==> flow/design.v <==
module my_selector #(
    parameter int WIDTH = 20,
    parameter int LANES = 4
) (
    input  logic sys_clk,
    input  logic RST,
    input  logic [LANES*WIDTH-1:0] data_in,
    input  logic [LANES-1:0] addr_in,
    output logic [WIDTH-1:0] z_o_out
);
    logic [LANES*WIDTH-1:0] data_d1;
    logic [LANES-1:0] addr_d1;
    always_ff @(posedge sys_clk or posedge RST) begin
        if (RST) begin
            data_d1 <= '0;
            addr_d1 <= '0;
        end else begin
            data_d1 <= data_in;
            addr_d1 <= addr_in;
        end
    end
    logic [WIDTH-1:0] work;
    always_comb begin
        work = '0;
        for (int n = 0; n < LANES; n++)
            work = work | (data_d1[n*WIDTH +: WIDTH] & {WIDTH{addr_d1[n]}});
    end
    always_ff @(posedge sys_clk or posedge RST) begin
        if (RST) begin
            z_o_out <= '0;
        end else begin
            z_o_out <= work;
        end
    end
endmodule
## From RTL to reports: my_selector

The steps from the RTL of my_selector to its reports follow in flow order.
Line numbers count from 1 in the design file above.
The mark - stands for no value.

| inputs | value |
|---|---|
| design top | my_selector |
| clock port | sys_clk |
| library | sky130hd |
| library corner | tt_025C_1v80 |

## After elaboration

Source: Yosys, flattened and elaborated, memories not mapped. Widths are those after wreduce; folded enables and synchronous resets count as part of the registers. Registers that Yosys merges into a memory's read port (data or address) are not register bits. Print and check cells do not count. Equal cells are merged and count once.

| word-level totals | value |
|---|---|
| latch bits | 0 |
| register bits after elaboration | 104 |
| clocked read ports x word width | 0 |
| ROM bits | 0 |
| bits of input ports | 86 |
| bits in writable memories | 0 |
| memory cells | 0 |
| cells after elaboration | 10 |

| operators by class | value |
|---|---|
| multiplexer cells | 0 |
| add/subtract/negate cells | 0 |
| order comparisons | 0 |
| shift operators | 0 |
| bitwise gates (word level) | 7 |
| reductions and logical operators | 0 |
| multipliers | 0 |
| divide/modulo/power cells | 0 |
| equality and inequality tests | 0 |

Operators with widths:

| operator | number |
|---|---|
| bitwise AND 20 bit | 4 |
| bitwise OR 20 bit | 3 |

## Logic depth

Yosys ltp: most cells in a row. Word level: on the elaborated netlist, between registers, memories and ports. Mapped: between sequential cells and ports; inverters and the memories' decode and read muxes count.

| depth | value |
|---|---|
| depth after elaboration | 4 |
| ABC_AREA | 0 |
| depth in mapped cells | 3 |
| depth with buffers taken out | 2 |

## Netlist

The flow's flattened synthesis, as Yosys stat reports it; memories are mapped. The netlist is that of the ABC_AREA named above (0 if unset); the other value can give another one.

Cells by type:

| type | number | total area (µm²) |
|---|---|---|
| sky130_fd_sc_hd__dfrtp_1 | 104 | 2.6E+03 |
| sky130_fd_sc_hd__a22oi_1 | 40 | 300.288 |
| sky130_fd_sc_hd__nand2_1 | 20 | 75.072 |
| sky130_fd_sc_hd__buf_6 | 2 | 22.522 |
| sky130_fd_sc_hd__buf_2 | 4 | 20.019 |
| sky130_fd_sc_hd__buf_4 | 2 | 15.014 |
| sky130_fd_sc_hd__inv_1 | 1 | 3.754 |

| mapped netlist | value |
|---|---|
| mapped area | 3,039.2 µm² |
| buffers | 8 |
| mapped cells | 173 |
| flip-flops | 104 |

## Timing after synthesis

OpenSTA on the mapped netlist: ideal clock, no wires. The path of least setup slack (recovery checks aside). Input and output delay are each 20% of the period. Register names are those of the netlist, which keeps one name where synthesis merged equal registers.

| timing post-synthesis | value |
|---|---|
| kind | flip-flop to flip-flop |
| start point | reg addr_d1[2] |
| end point | reg z_o_out[18] |
| path buffers | 1 |
| library setup time | 124 ps |
| data required time | 936 ps |
| arrival time | 722 ps |
| driving pins on the path | 4 |
| setup slack | 214 ps |
| clock period | 1,060 ps |
| path delay | 846 ps |
| period reached after synthesis | 846 ps |

"path delay" = arrival - input delay + setup time.
"driving pins on the path": output pins that drive a net of the path, with the launching flip-flop's if there is one; two outputs of one cell count as two.
"period reached after synthesis" is the clock period less the worst setup slack; recovery checks do not enter. This is arithmetic on one report: input and output delays are still those of the set period (20% each).
Between the ends stands the longest chain of elaborated cells between them, by number of cells; it is not shown to be the way that was timed. Of several equally long chains one is given.
A line is the first line of the expression or statement that the cell stems from. Yosys adds cells for indexed reads and writes and turns some case tables into memories.

| between the ends, post-synthesis | value |
|---|---|
| path through | sky130_fd_sc_hd__dfrtp_1 > sky130_fd_sc_hd__buf_6 > sky130_fd_sc_hd__a22oi_1 > sky130_fd_sc_hd__nand2_1 |
| cells in the longest elaborated chain | 3 |
| elaborated cells on any way between the ends | 3 |
| RTL lines with such cells | 1 |
| classes of those cells | logic (3) |

RTL lines, path post-synthesis:

| what | line | RTL |
|---|---|---|
| from (decl) | 12 | `logic [LANES-1:0] addr_d1;` |
| from (assign) | 16 | `addr_d1 <= '0;` |
| from (assign) | 19 | `addr_d1 <= addr_in;` |
| bitwise AND 20 bit | 26 | `work = work \| (data_d1[n*WIDTH +: WIDTH] & {WIDTH{addr_d1[n]}});` |
| bitwise OR 20 bit x2 | 26 |  |
| to (assign) | 30 | `z_o_out <= '0;` |
| to (assign) | 32 | `z_o_out <= work;` |
| to (decl) | 9 | `output logic [WIDTH-1:0] z_o_out` |

## Path in the finished layout

From the final timing report of flow run A: the path of least setup slack in the routed layout; clock arrival at registers is part of the times.
The report prints the path's times to 10 ps; the period is as set.

| timing post-layout | value |
|---|---|
| kind | flip-flop to output port |
| start point | reg z_o_out[4] |
| end point | out z_o_out[4] |
| arrival time | 850 ps |
| clock period | 1,060 ps |
| setup slack | 0 ps |
| data required time | 850 ps |
| driving pins on the path | 2 |
| path buffers | 1 |

| between the ends, post-layout | value |
|---|---|
| path through | sky130_fd_sc_hd__dfrtp_1 > sky130_fd_sc_hd__buf_2 |
| cells in the longest elaborated chain | 0 |
| elaborated cells on any way between the ends | 0 |
| RTL lines with such cells | 0 |

RTL lines, path post-layout:

| what | line | RTL |
|---|---|---|
| from (decl) | 9 | `output logic [WIDTH-1:0] z_o_out` |
| from (assign) | 30 | `z_o_out <= '0;` |
| from (assign) | 32 | `z_o_out <= work;` |
| to (decl) | 9 |  |

Ticket comment

Stored flow runs of my_selector (3 of them; Yosys, OpenROAD, sky130hd). They differ in their settings and are not a sequence. Constraints: input delay and output delay 20% of the set period each, output load 0.01 pF.
"reached clock period" is the run's clock period less its worst setup slack. It is reckoned from that one timing run; input and output delays stay at 20% of the period that was set.
"power consumption" is the tool's figure for a default switching activity; nothing was simulated.
Settings: - = not set for that run.

| item | flow run A | flow run B | flow run C |
|---|---|---|---|
| period_ns | 1.06 | 0.794 | 0.826 |
| CAP_MARGIN | 20 | 35 | 20 |
| CORE_MARGIN | 2 | 2 | 2 |
| CORE_UTILIZATION | 40 | 35 | 48 |
| SLEW_MARGIN | 20 | 20 | 20 |
| PLACE_DENSITY_LB_ADDON | - | 0.15 | - |
| CELL_PAD_IN_SITES_GLOBAL_PLACEMENT | - | 0 | 0 |
| CELL_PAD_IN_SITES_DETAIL_PLACEMENT | - | 1 | - |
| MIN_ROUTING_LAYER | - | met1 | - |
| HOLD_SLACK_MARGIN | - | - | 0.25 |
| CORE_ASPECT_RATIO | - | - | 1.05 |
| ABC_AREA | - | - | 1 |
| CTS_CLUSTER_SIZE | - | - | 23 |
| MAX_ROUTING_LAYER | - | - | met5 |
| standard-cell area of the final layout (µm²) | 4,388.0 | 4,645.7 | 5,141.2 |
| die area (µm²) | 8,311.1 | 9,444.9 | 7,678.8 |
| reached clock period (ps) | 1,064 | 1,044 | 1,030 |
| worst slack on setup checks (ps) | -4 | -250 | -204 |
| netlist area reported by Yosys (µm²) | 3,039.2 | 3,039.2 | 3,357.0 |
| summed negative setup slack (ps) | -9 | -7,108 | -6,314 |
| power consumption (uW) | 7,123 | 10,323 | 9,977 |
